==> flow/design.v <==
module mplex_stage (clk, resetn, d0_in, d1_in, d2_in, d3_in, d4_in, d5_in, d6_in, choose_in, o_out);
  parameter DATA_W = 10;
  input clk;
  input resetn;
  input [DATA_W-1:0] d0_in;
  input [DATA_W-1:0] d1_in;
  input [DATA_W-1:0] d2_in;
  input [DATA_W-1:0] d3_in;
  input [DATA_W-1:0] d4_in;
  input [DATA_W-1:0] d5_in;
  input [DATA_W-1:0] d6_in;
  input [2:0] choose_in;
  output [DATA_W-1:0] o_out;
  reg [DATA_W-1:0] d0_q;
  reg [DATA_W-1:0] d1_q;
  reg [DATA_W-1:0] d2_q;
  reg [DATA_W-1:0] d3_q;
  reg [DATA_W-1:0] d4_q;
  reg [DATA_W-1:0] d5_q;
  reg [DATA_W-1:0] d6_q;
  reg [2:0] choose_q;
  reg [DATA_W-1:0] work;
  always @* begin
    case (choose_q)
      0: work = d0_q;
      1: work = d1_q;
      2: work = d2_q;
      3: work = d3_q;
      4: work = d4_q;
      5: work = d5_q;
      default: work = d6_q;
    endcase
  end
  assign o_out = work;
  always @(posedge clk) begin
    if (~resetn) begin
      d0_q <= 0;
      d1_q <= 0;
      d2_q <= 0;
      d3_q <= 0;
      d4_q <= 0;
      d5_q <= 0;
      d6_q <= 0;
      choose_q <= 0;
    end else begin
      d0_q <= d0_in;
      d1_q <= d1_in;
      d2_q <= d2_in;
      d3_q <= d3_in;
      d4_q <= d4_in;
      d5_q <= d5_in;
      d6_q <= d6_in;
      choose_q <= choose_in;
    end
  end
endmodule
* Tool chain data of mplex_stage *
What the tools print for mplex_stage, step after step.
Lines are those of the file above, counted from 1.
The mark n/a stands for no value.

set-up
  top = mplex_stage
  clock = clk
  cell library = sky130hd
  library corner = tt_025C_1v80

* Word level *
Source: Yosys, flattened and elaborated, memories not mapped. Widths are those after wreduce; folded enables and synchronous resets count as part of the registers. Registers that Yosys merges into a memory's read port (data or address) are not register bits. Print and check cells do not count. Equal cells are merged and count once.

storage and ports
  elaborated cells = 15
  register bits after elaboration = 73

cells by class
  reduce/logical cells = 1
  equality and inequality tests = 5
  muxes and demuxes = 1

operator list
  operator                                      count
  parallel mux 10 bit (select 6 bit)            1
  equality test 3 x 2 -> 1 bit with constant B  2
  equality test 3 bit with constant B           2
  equality test 3 x 1 -> 1 bit with constant B  1
  logical NOT 3 bit                             1

* Logic depth *
Yosys ltp: most cells in a row. Word level: on the elaborated netlist, between registers, memories and ports. Mapped: between sequential cells and ports; inverters and the memories' decode and read muxes count.

logic depth
  depth in word-level cells = 2
  ABC_AREA = 1
  depth in mapped cells = 6

* Synthesis result *
Yosys stat after the flow's synthesis: flattened, memories mapped to cells. It holds for the ABC_AREA given above (unset counts as 0); a run with the other value may have another netlist.

synthesis totals
  sequential part of the area = 1461.4 um^2
  cell area after synthesis = 2798.9 um^2
  cell count = 387
  flip-flops = 73

cells by type
  type                      count  area in all (um^2)
  sky130_fd_sc_hd__dfxtp_1  73     1.46E+03
  sky130_fd_sc_hd__nand2_1  114    427.91
  sky130_fd_sc_hd__inv_1    83     311.549
  sky130_fd_sc_hd__nand4_1  40     250.24
  sky130_fd_sc_hd__nor2_1   31     116.362
  sky130_fd_sc_hd__buf_2    21     105.101
  sky130_fd_sc_hd__nand3_1  20     100.096
  sky130_fd_sc_hd__buf_4    2      15.014
  sky130_fd_sc_hd__inv_2    3      11.261

* Path before layout *
Path of least setup slack by OpenSTA after synthesis, without wires, with an ideal clock, recovery checks aside; 20% of the period is set as input and as output delay. Where synthesis merged equal registers, the netlist keeps one of their names.

timing post-synthesis
  path kind = flip-flop to output port
  start point = register (name not given)
  end point = output port o_out[5]
  arrival = 0.861 ns
  time at the first pin = 0.000 ns
  path delay = 0.861 ns
  period = 1.96 ns
  buffers on the path = 1
  path slack = 0.707 ns
  output delay = 0.392 ns
  stages on the path = 7
  synthesis period reached = 1.253 ns

"path delay" is the arrival time less input delay plus setup time.
At an output port there is no setup time.
"stages on the path": output pins that drive a net of the path, with the launching flip-flop's if there is one; two outputs of one cell count as two.
"synthesis period reached" is the clock period less the worst setup slack; recovery checks do not enter. This is arithmetic on one report: input and output delays are still those of the set period (20% each).
Between the ends stands the longest chain of elaborated cells between them, by number of cells; it is not shown to be the way that was timed. Of several equally long chains one is given.
Each line given opens the expression or statement behind the cell; cells for indexed reads and writes are added by Yosys, which also makes memories of some case tables.

between the ends, post-synthesis
  cell sequence = sky130_fd_sc_hd__dfxtp_1 sky130_fd_sc_hd__nor2_1 sky130_fd_sc_hd__buf_4 sky130_fd_sc_hd__nand3_1 sky130_fd_sc_hd__nand2_1 sky130_fd_sc_hd__nor2_1 sky130_fd_sc_hd__nand2_1
  length of the longest elaborated chain = 2
  elaborated cells on any way between the ends = 7
  source lines of those cells = 1
  those cells by class = eq/ne: 5; mux: 1; reduce/logical: 1

RTL lines, path post-synthesis
  element                             line  source
  start: declaration                  21
  start: assignment                   44
  start: assignment                   53
  equality test 3 bit                 24
  parallel mux 10 bit (select 6 bit)  24
  end: declaration                    13    output [DATA_W-1:0] o_out;

* Timing after layout *
Path of least setup slack in the final report of record 1 (OpenROAD, finished layout, wires in). Where an end is a register, its clock arrival counts in the times.

timing after layout
  path kind = flip-flop to output port
  start point = register (name not given)
  end point = output port o_out[1]
  output delay = 0.45 ns
  buffers on the path = 2
  time at the first pin = 0.35 ns
  path slack = 0.16 ns
  arrival = 1.64 ns
  period = 2.24 ns
  stages on the path = 8

Between the ends stands the longest chain of elaborated cells between them, by number of cells; it is not shown to be the way that was timed. Of several equally long chains one is given.

between the ends, after layout
  cell sequence = sky130_fd_sc_hd__dfxtp_4 sky130_fd_sc_hd__buf_4 sky130_fd_sc_hd__inv_4 sky130_fd_sc_hd__nand4_1 sky130_fd_sc_hd__nand2_1 sky130_fd_sc_hd__nor2_1 sky130_fd_sc_hd__nand2_1 sky130_fd_sc_hd__dlygate4sd2_1
  length of the longest elaborated chain = 2
  elaborated cells on any way between the ends = 7
  source lines of those cells = 1
  those cells by class = eq/ne: 5; mux: 1; reduce/logical: 1

RTL lines, path after layout
  element                             line  source
  start: declaration                  21
  start: assignment                   44
  start: assignment                   53
  equality test 3 bit                 24
  parallel mux 10 bit (select 6 bit)  24
  end: declaration                    13    output [DATA_W-1:0] o_out;

Appendix: measured runs

3 stored runs of mplex_stage in the flow (synthesis by Yosys, layout by OpenROAD, sky130hd cells), in arbitrary order. Constraints: input delay and output delay 20% of the set period each, output load 0.01 pF.
"achieved clock period (ns)" is the run's clock period less its worst setup slack. It is reckoned from that one timing run; input and output delays stay at 20% of the period that was set.
"finish__power__total" is the tool's figure for a default switching activity; nothing was simulated.

settings of record 1
{
  "period_ns": 2.24,
  "CORE_UTILIZATION": 55,
  "PLACE_DENSITY_LB_ADDON": 0.12,
  "TNS_END_PERCENT": 35,
  "ABC_AREA": 1,
  "GPL_ROUTABILITY_DRIVEN": 1,
  "CAP_MARGIN": 20,
  "CORE_MARGIN": 2,
  "SLEW_MARGIN": 20
}
report of record 1
yosys chip area after synthesis (um^2): 2798.9
finish__design__die__area: 5675.4
finish__design__instance__area__stdcell: 3922.5
finish__timing__setup__ws: 0.155
finish__timing__setup__tns: 0.000
finish__power__total: 2.785e-03
achieved clock period (ns): 2.085

settings of record 2
{
  "period_ns": 1.18,
  "CORE_UTILIZATION": 67,
  "SETUP_SLACK_MARGIN": -0.03,
  "HOLD_SLACK_MARGIN": -0.05,
  "CELL_PAD_IN_SITES_GLOBAL_PLACEMENT": 2,
  "CELL_PAD_IN_SITES_DETAIL_PLACEMENT": 2,
  "TNS_END_PERCENT": 65,
  "CAP_MARGIN": 20,
  "CORE_MARGIN": 2,
  "SLEW_MARGIN": 20
}
report of record 2: did not finish, place, GPL-0301

settings of record 3
{
  "period_ns": 1.96,
  "CAP_MARGIN": 20,
  "CORE_MARGIN": 2,
  "CORE_UTILIZATION": 40,
  "SLEW_MARGIN": 20
}
report of record 3
yosys chip area after synthesis (um^2): 2613.8
finish__design__die__area: 7197.0
finish__design__instance__area__stdcell: 3809.9
finish__timing__setup__ws: -0.132
finish__timing__setup__tns: -1.017
finish__power__total: 3.124e-03
achieved clock period (ns): 2.092
